==> flow/design.v <==
module alu_muxn #(
    parameter W = 20,
    parameter WAYS = 32,
    parameter SEL_W = $clog2(WAYS)
) (
    input  CLK,
    input  [WAYS*W-1:0] i_din,
    input  [SEL_W-1:0] i_pick,
    output [W-1:0] o_o
);
    reg [WAYS*W-1:0] din_q;
    reg [SEL_W-1:0] pick_q;
    always @(posedge CLK) begin
        din_q <= i_din;
        pick_q <= i_pick;
    end
    wire [W-1:0] nd [1:2*WAYS-1];
    genvar gi;
    generate
        for (gi = 0; gi < WAYS; gi = gi + 1) begin : each
            assign nd[WAYS+gi] = din_q[gi*W +: W];
        end
        for (gi = 1; gi < WAYS; gi = gi + 1) begin : gen
            alu_muxn_m2 #(.N(W)) i_sub (.a(nd[2*gi]), .b(nd[2*gi+1]), .s(pick_q[SEL_W - $clog2(gi+1)]), .y(nd[gi]));
        end
    endgenerate
    reg [W-1:0] o_q;
    always @(posedge CLK)
        o_q <= nd[1];
    assign o_o = o_q;
endmodule
module alu_muxn_m2 #(parameter N = 1) (
    input wire [N-1:0] a,
    input wire [N-1:0] b,
    input wire s,
    output wire [N-1:0] y
);
    assign y = s ? b : a;
endmodule
# Tool chain data of alu_muxn

Tool output for the design above, in the order of the flow.
Line numbers count from 1 in the design file above.
Library cell names are shortened.
Not given: --

Top: alu_muxn
Clock input: CLK
Standard-cell library: sky130hd
Timing corner: tt_025C_1v80

# Word-level counts

Counts by Yosys on the flattened word-level netlist (proc, flatten, opt, wreduce). Print and check cells are left out. Cells with the same type and inputs are merged into one.

Register bits: 665
Input port bits: 646
Output and inout bits: 20
Elaborated cells: 34

Muxes and demuxes: 31

Operator list:

| operator           | count |
| two-way mux 20 bit | 31 |

# Depth

Depth = most cells in a row (Yosys ltp): at word level without a register or memory, in the mapped netlist without a sequential cell, where the memories' decode and read muxes count.

Depth after elaboration: 5
ABC_AREA: 0
Depth in mapped cells: 8
Mapped depth without buffers: 5

# After synthesis

The flow's flattened synthesis, as Yosys stat reports it; memories are mapped. The netlist is that of the ABC_AREA named above (0 if unset); the other value can give another one.

Standard cells after synthesis: 1373
Synthesis area: 19035.8 um^2
Sequential part of the area: 13312.8 um^2
Mapped flip-flops: 665
Buffers: 81

Cells by type:

| type     | count | total area (um^2) |
| dfxtp_1  | 665   | 1.33E+04 |
| mux2i_1  | 320   | 3.2E+03 |
| a22oi_1  | 80    | 600.576 |
| a22o_1   | 40    | 350.336 |
| a21oi_1  | 40    | 200.192 |
| nand3_1  | 40    | 200.192 |
| nand2_1  | 40    | 150.144 |
| a31oi_1  | 20    | 125.12 |
| nand4_1  | 20    | 125.12 |
| buf_12   | 6     | 120.115 |
| buf_8    | 8     | 120.115 |
| buf_4    | 15    | 112.608 |
| buf_2    | 22    | 110.106 |
| nor3_1   | 20    | 100.096 |
| clkbuf_1 | 23    | 86.333 |
| buf_6    | 6     | 67.565 |
| nand2b_1 | 2     | 12.512 |
| nor2b_1  | 2     | 12.512 |

Not listed: further types 4, cells in them 4.
The figures by module come from a second, unflattened synthesis with its own total; it is not the netlist above.

Cell total of the unflattened synthesis: 1347
Area total of the unflattened synthesis: 23319.9 um^2

Rows give one instance, submodules left out.

By module:

| module              | instances | cells | area (um^2) | seq. area (um^2) |
| alu_muxn            | 1         | 665   | 13312.8     | 13312.8 |
| alu_muxn_m2 #(N=20) | 31        | 22    | 322.8       | 0.0 |

# Path before layout

OpenSTA on the mapped netlist: ideal clock, no wires. The path of least setup slack (recovery checks aside). Input and output delay are each 20% of the period. Register names are those of the netlist, which keeps one name where synthesis merged equal registers.

Kind: reg-to-reg
Start point: register pick_q[0]
End point: register o_q[0]
Clock period: 1.79 ns
Library setup time: 0.124 ns
Launch time at the first pin: 0.000 ns
Arrival time: 1.305 ns
Required time: 1.666 ns
Path slack: 0.361 ns
Delay of the path: 1.429 ns
Stages on the path: 9
Path buffers: 4
Period reached after synthesis: 1.429 ns

"delay of the path" is the arrival time less input delay plus setup time.
"stages on the path" counts driving pins, that of a launching flip-flop among them; a cell with two outputs on the path counts twice.
"period reached after synthesis" is the clock period less the worst setup slack; recovery checks do not enter. This is arithmetic on one report: input and output delays are still those of the set period (20% each).
The rows between start and end are the longest chain of elaborated cells between them; the timing report does not say that the signal goes this way. Where chains are equally long, one stands for them.
Each line given opens the expression or statement behind the cell; cells for indexed reads and writes are added by Yosys, which also makes memories of some case tables.

Path through: dfxtp_1 -> buf_4 -> buf_12 -> buf_8 -> buf_6 -> mux2i_1 -> nand2_1 -> a31oi_1 -> nand3_1
Length of the longest elaborated chain: 5
Elaborated cells between the ends (all ways): 31
Source lines of those cells: 1
Classes of those cells: mux: 31

Ends and longest elaborated chain, post-synthesis:

| what                  | RTL line | text |
| start, declared       | 12       | `reg [SEL_W-1:0] pick_q;` |
| start, assigned       | 15       | `pick_q <= i_pick;` |
| two-way mux 20 bit x5 | 38       | `assign y = s ? b : a;` |
| end, assigned         | 29       | `o_q <= nd[1];` |
| end, declared         | 27       | `reg [W-1:0] o_q;` |

# Worst path after layout

Path of least setup slack in the final report of stored run 1 (OpenROAD, finished layout, wires in). Where an end is a register, its clock arrival counts in the times.

Kind: reg-to-reg
Start point: register pick_q[0]
End point: register o_q[14]
Clock period: 0.997 ns
Library setup time: 0.04 ns
Launch time at the first pin: 0.60 ns
Arrival time: 2.44 ns
Required time: 1.57 ns
Path slack: -0.87 ns
Stages on the path: 11
Path buffers: 5

The rows between start and end are the longest chain of elaborated cells between them; the timing report does not say that the signal goes this way. Where chains are equally long, one stands for them.

Path through: dfxtp_4 -> buf_12 -> buf_12 -> buf_16 -> mux2i_1 -> a22o_1 -> nor3_1 -> buf_4 -> a31oi_4 -> buf_4 -> nand3_1
Length of the longest elaborated chain: 5
Elaborated cells between the ends (all ways): 31
Source lines of those cells: 1
Classes of those cells: mux: 31

Ends and longest elaborated chain, after layout:

| what                  | RTL line | text |
| start, declared       | 12       | `reg [SEL_W-1:0] pick_q;` |
| start, assigned       | 15       | `pick_q <= i_pick;` |
| two-way mux 20 bit x5 | 38       | `assign y = s ? b : a;` |
| end, assigned         | 29       | `o_q <= nd[1];` |
| end, declared         | 27       | `reg [W-1:0] o_q;` |

Top module alu_muxn; platform sky130hd; tools Yosys and OpenROAD; 3 stored runs in no particular order. Input and output delays are each 20% of the period that was set; the output load is 0.01 pF.
By "achieved clock period" is meant the clock period of the run minus its worst setup slack. This is arithmetic on one report: input and output delays are still those of the set period (20% each).
"time used up by the worst setup path" is the time allowed to the run's worst setup path (the clock period less input and output delay, where it has them) less its slack. Clock arrival times count: a late capture clock shortens it, a late launch clock lengthens it.
"power": no workload was simulated; the value follows from the tool's default switching activity.
A setting shown as . is not set for that run.

| name                                      | stored run 1 | stored run 2 | stored run 3 |
| period_ns                                 | 0.997        | 1.55         | 1.79         |
| CORE_UTILIZATION                          | 34           | 28           | 40           |
| SETUP_SLACK_MARGIN                        | 0.14         | .            | .            |
| PLACE_DENSITY_LB_ADDON                    | 0.1          | 0.06         | .            |
| CORE_ASPECT_RATIO                         | 0.75         | 1.37         | .            |
| CELL_PAD_IN_SITES_DETAIL_PLACEMENT        | 0            | .            | .            |
| ABC_AREA                                  | 0            | 1            | .            |
| CTS_CLUSTER_SIZE                          | 86           | .            | .            |
| CTS_CLUSTER_DIAMETER                      | 363          | .            | .            |
| MIN_ROUTING_LAYER                         | met1         | .            | .            |
| MAX_ROUTING_LAYER                         | met4         | .            | .            |
| CAP_MARGIN                                | 20           | 20           | 20           |
| CORE_MARGIN                               | 2            | 5            | 2            |
| SLEW_MARGIN                               | 20           | 20           | 20           |
| HOLD_SLACK_MARGIN                         | .            | 0.26         | .            |
| CELL_PAD_IN_SITES_GLOBAL_PLACEMENT        | .            | 0            | .            |
| GPL_TIMING_DRIVEN                         | .            | 0            | .            |
| lowest setup slack (ns)                   | -0.866       | -0.180       | 0.022        |
| synthesis area (um^2)                     | 19035.8      | 20034.2      | 19035.8      |
| utilization after layout                  | 0.625        | 0.546        | 0.636        |
| achieved clock period (ns)                | 1.863        | 1.730        | 1.768        |
| summed negative setup slack (ns)          | -23.173      | -2.632       | 0.000        |
| power (uW)                                | 47045        | 41702        | 33191        |
| area of the die (um^2)                    | 57915.4      | 77065.5      | 49350.6      |
| time used up by the worst setup path (ns) | 1.86         | 1.73         | 1.77         |
| critical path kind                        | reg-to-reg   | reg-to-reg   | reg-to-reg   |
| standard-cell area after layout (um^2)    | 34773.4      | 38643.3      | 29719.8      |
| final worst hold slack (ns)               | 0.018        | 0.298        | 0.195        |
